==> flow/design.v <==
module core_times_blk #(
  parameter DATA_W = 6
) (
  input logic core_clk,
  input logic i_rst_n,
  input logic clk_en,
  input logic signed [DATA_W-1:0] a,
  input logic signed [DATA_W-1:0] b,
  output logic signed [2*DATA_W-1:0] out
);
  logic signed [2*DATA_W-1:0] out_ff;
  assign out = out_ff;
  always_ff @(posedge core_clk or negedge i_rst_n) begin
    if (~i_rst_n) begin
      out_ff <= '0;
    end else if (clk_en) begin
      out_ff <= a * b;
    end
  end
endmodule
* Step by step through the tools: core_times_blk
What the tools print for core_times_blk, step after step.
Line numbers count from 1 in the design file above.
The mark n/a stands for no value.
- Top :: core_times_blk
- Clock :: core_clk
- Cell library :: sky130hd
- Library corner :: tt_025C_1v80

* Elaborated design
Counts by Yosys on the flattened word-level netlist (proc, flatten, opt, wreduce; memories kept). Register bits leave out memories and registers merged into their read ports (data or address); mux counts leave out enables and synchronous resets folded into registers. Print and check cells are left out. Cells with the same type and inputs are merged into one.
- Multiply operators :: 1
** Operators with widths (count)
- 6-bit by 6-bit multiplier with 12-bit output :: 1
- Cells after elaboration :: 2
- Output and inout port bits :: 12
- Input port bits :: 15
- Flip-flop bits (word level) :: 12

* Depth
Yosys ltp: most cells in a row. Word level: on the elaborated netlist, between registers, memories and ports. Mapped: between sequential cells and ports; inverters and the memories' decode and read muxes count.
- Depth after elaboration :: 1
- ABC_AREA :: 0
- Mapped depth :: 16
- Mapped depth without buffers :: 16

* Netlist
Source: synth_stat.txt of the flow (Yosys; design flattened, memories mapped). It holds for the ABC_AREA given above (unset counts as 0); a run with the other value may have another netlist.
** Cells by type
- sky130_fd_sc_hd__fa_1 :: count 26, area in all 520.499 um2
- sky130_fd_sc_hd__dfrtp_1 :: count 12, area in all 300.288 um2
- sky130_fd_sc_hd__ha_1 :: count 21, area in all 262.752 um2
- sky130_fd_sc_hd__inv_1 :: count 37, area in all 138.883 um2
- sky130_fd_sc_hd__and2_1 :: count 21, area in all 131.376 um2
- sky130_fd_sc_hd__mux2_2 :: count 6, area in all 67.565 um2
- sky130_fd_sc_hd__xnor2_1 :: count 7, area in all 61.309 um2
- sky130_fd_sc_hd__nand2_1 :: count 10, area in all 37.536 um2
- sky130_fd_sc_hd__nor2b_1 :: count 5, area in all 31.28 um2
- sky130_fd_sc_hd__o21ai_0 :: count 5, area in all 25.024 um2
- sky130_fd_sc_hd__xor2_1 :: count 2, area in all 17.517 um2
- sky130_fd_sc_hd__mux2_4 :: count 1, area in all 15.014 um2
- sky130_fd_sc_hd__a211oi_2 :: count 1, area in all 12.512 um2
- sky130_fd_sc_hd__a31oi_1 :: count 2, area in all 12.512 um2
- sky130_fd_sc_hd__nand2b_1 :: count 2, area in all 12.512 um2
- sky130_fd_sc_hd__a21boi_2 :: count 1, area in all 11.261 um2
- sky130_fd_sc_hd__a21oi_1 :: count 2, area in all 10.01 um2
- sky130_fd_sc_hd__buf_2 :: count 2, area in all 10.01 um2
Other cell types: 14; their cells: 17.
- Buffer cells :: 2
- Chip area (Yosys) :: 1793.0 um2
- Flip-flops :: 12
- Area of sequential cells :: 300.3 um2
- Mapped cells :: 180

* Path before layout
OpenSTA on the mapped netlist: ideal clock, no wires. The path of least setup slack (recovery checks aside). Input and output delay are each 20% of the period. Register names are those of the netlist, which keeps one name where synthesis merged equal registers.
- Kind :: input to register
- From :: input port a[0]
- To :: register out_ff[10]
- Library setup time :: 132 ps
- Stages on the path :: 13
- Buffers on the path :: 0
- Input delay :: 1144 ps
- Time at the first pin :: 1144 ps
- Path delay :: 3658 ps
- Setup slack :: 918 ps
- Arrival time :: 4670 ps
- Clock period :: 5720 ps
- Required time :: 5588 ps
- Period reached after synthesis :: 4802 ps
"path delay" is the arrival time less input delay plus setup time.
"stages on the path" counts driving pins, that of a launching flip-flop among them; a cell with two outputs on the path counts twice.
"period reached after synthesis" is the clock period less the worst setup slack; recovery checks do not enter. This is arithmetic on one report: input and output delays are still those of the set period (20% each).
The rows between start and end are the longest chain of elaborated cells between them; the timing report does not say that the signal goes this way. Where chains are equally long, one stands for them.
Each line given opens the expression or statement behind the cell; cells for indexed reads and writes are added by Yosys, which also makes memories of some case tables.
- Cells stage by stage :: sky130_fd_sc_hd__nand2b_1 sky130_fd_sc_hd__fa_1 sky130_fd_sc_hd__fa_1 sky130_fd_sc_hd__inv_1 sky130_fd_sc_hd__fa_1 sky130_fd_sc_hd__fa_1 sky130_fd_sc_hd__inv_1 sky130_fd_sc_hd__fa_1 sky130_fd_sc_hd__nor2b_1 sky130_fd_sc_hd__o21ai_2 sky130_fd_sc_hd__a21boi_2 sky130_fd_sc_hd__nor3_1 sky130_fd_sc_hd__or3b_1
- Cells in the longest elaborated chain :: 1
- Elaborated cells between the ends (all ways) :: 1
- RTL lines with such cells :: 1
- Those cells by class :: mul (1)
** RTL lines, path post-synthesis
- from (decl) :: line 7 : input logic signed [DATA_W-1:0] a,
- 6-bit by 6-bit multiplier with 12-bit output :: line 17 : out_ff <= a * b;
- to (assign) :: line 15 : out_ff <= '0;
- to (assign) :: line 17
- to (decl) :: line 11 : logic signed [2*DATA_W-1:0] out_ff;

* Worst path after layout
Path of least setup slack in the final report of run 1 (OpenROAD, finished layout, wires in). Where an end is a register, its clock arrival counts in the times.
The path's times are printed in steps of 10 ps; the period is the one set.
- Kind :: input to register
- From :: input port a[3]
- To :: register out_ff[10]
- Library setup time :: 130 ps
- Time at the first pin :: 1100 ps
- Required time :: 5630 ps
- Buffers on the path :: 1
- Stages on the path :: 14
- Clock period :: 5520 ps
- Setup slack :: 950 ps
- Input delay :: 1100 ps
- Arrival time :: 4670 ps
The rows between start and end are the longest chain of elaborated cells between them; the timing report does not say that the signal goes this way. Where chains are equally long, one stands for them.
- Cells stage by stage :: sky130_fd_sc_hd__buf_4 sky130_fd_sc_hd__nand2_2 sky130_fd_sc_hd__fa_1 sky130_fd_sc_hd__fa_1 sky130_fd_sc_hd__inv_1 sky130_fd_sc_hd__fa_1 sky130_fd_sc_hd__fa_1 sky130_fd_sc_hd__inv_2 sky130_fd_sc_hd__fa_2 sky130_fd_sc_hd__nor2b_2 sky130_fd_sc_hd__o21ai_2 sky130_fd_sc_hd__a21boi_2 sky130_fd_sc_hd__nor3_2 sky130_fd_sc_hd__or3b_1
- Cells in the longest elaborated chain :: 1
- Elaborated cells between the ends (all ways) :: 1
- RTL lines with such cells :: 1
- Those cells by class :: mul (1)
** RTL lines, path post-layout
- from (decl) :: line 7 : input logic signed [DATA_W-1:0] a,
- 6-bit by 6-bit multiplier with 12-bit output :: line 17 : out_ff <= a * b;
- to (assign) :: line 15 : out_ff <= '0;
- to (assign) :: line 17
- to (decl) :: line 11 : logic signed [2*DATA_W-1:0] out_ff;

--- measured runs ---
Measured results for core_times_blk: 3 stored runs of the Yosys and OpenROAD flow on sky130hd. The settings differ; the order carries no meaning. The constraints put input and output delay at 20% of the set period each and load the outputs with 0.01 pF.
"critical path time" is the time allowed to the run's worst setup path (the clock period less input and output delay, where it has them) less its slack. Clock arrival times count: a late capture clock shortens it, a late launch clock lengthens it.
"total power after layout" is the tool's figure for a default switching activity; nothing was simulated.
"critical path time" is known to 10 ps.

** Run 1
- Settings :: period_ns=5.52; CORE_UTILIZATION=40; SETUP_SLACK_MARGIN=0.9; PLACE_DENSITY=0.35; CORE_ASPECT_RATIO=1.19; GPL_TIMING_DRIVEN=0; CAP_MARGIN=40; MAX_ROUTING_LAYER=met5; CORE_MARGIN=2; SLEW_MARGIN=20
- Synthesis area :: 1793.0 um2
- Total power after layout :: 0.7674 mW
- Critical path time :: 3460 ps
- Kind of the worst setup path :: input to register
- Worst slack on setup checks :: 953 ps
- Standard-cell area after routing :: 2203.4 um2
- Total negative slack on setup checks :: 0 ps
- Area of the die :: 5036.2 um2

** Run 2
- Settings :: period_ns=3.71; CORE_UTILIZATION=53; CORE_MARGIN=5; CELL_PAD_IN_SITES_GLOBAL_PLACEMENT=2; GPL_TIMING_DRIVEN=1; SLEW_MARGIN=20; MAX_ROUTING_LAYER=met4; CAP_MARGIN=20
- Synthesis area :: 1793.0 um2
- Total power after layout :: 1.324 mW
- Critical path time :: 3310 ps
- Kind of the worst setup path :: input to register
- Worst slack on setup checks :: -338 ps
- Standard-cell area after routing :: 2456.1 um2
- Total negative slack on setup checks :: -1283 ps
- Area of the die :: 4646.5 um2

** Run 3
- Settings :: period_ns=5.72; CAP_MARGIN=20; CORE_MARGIN=2; CORE_UTILIZATION=40; SLEW_MARGIN=20
- Synthesis area :: 1793.0 um2
- Total power after layout :: 0.7412 mW
- Critical path time :: 4160 ps
- Kind of the worst setup path :: input to register
- Worst slack on setup checks :: 416 ps
- Standard-cell area after routing :: 2178.3 um2
- Total negative slack on setup checks :: 0 ps
- Area of the die :: 5033.9 um2
--- end ---
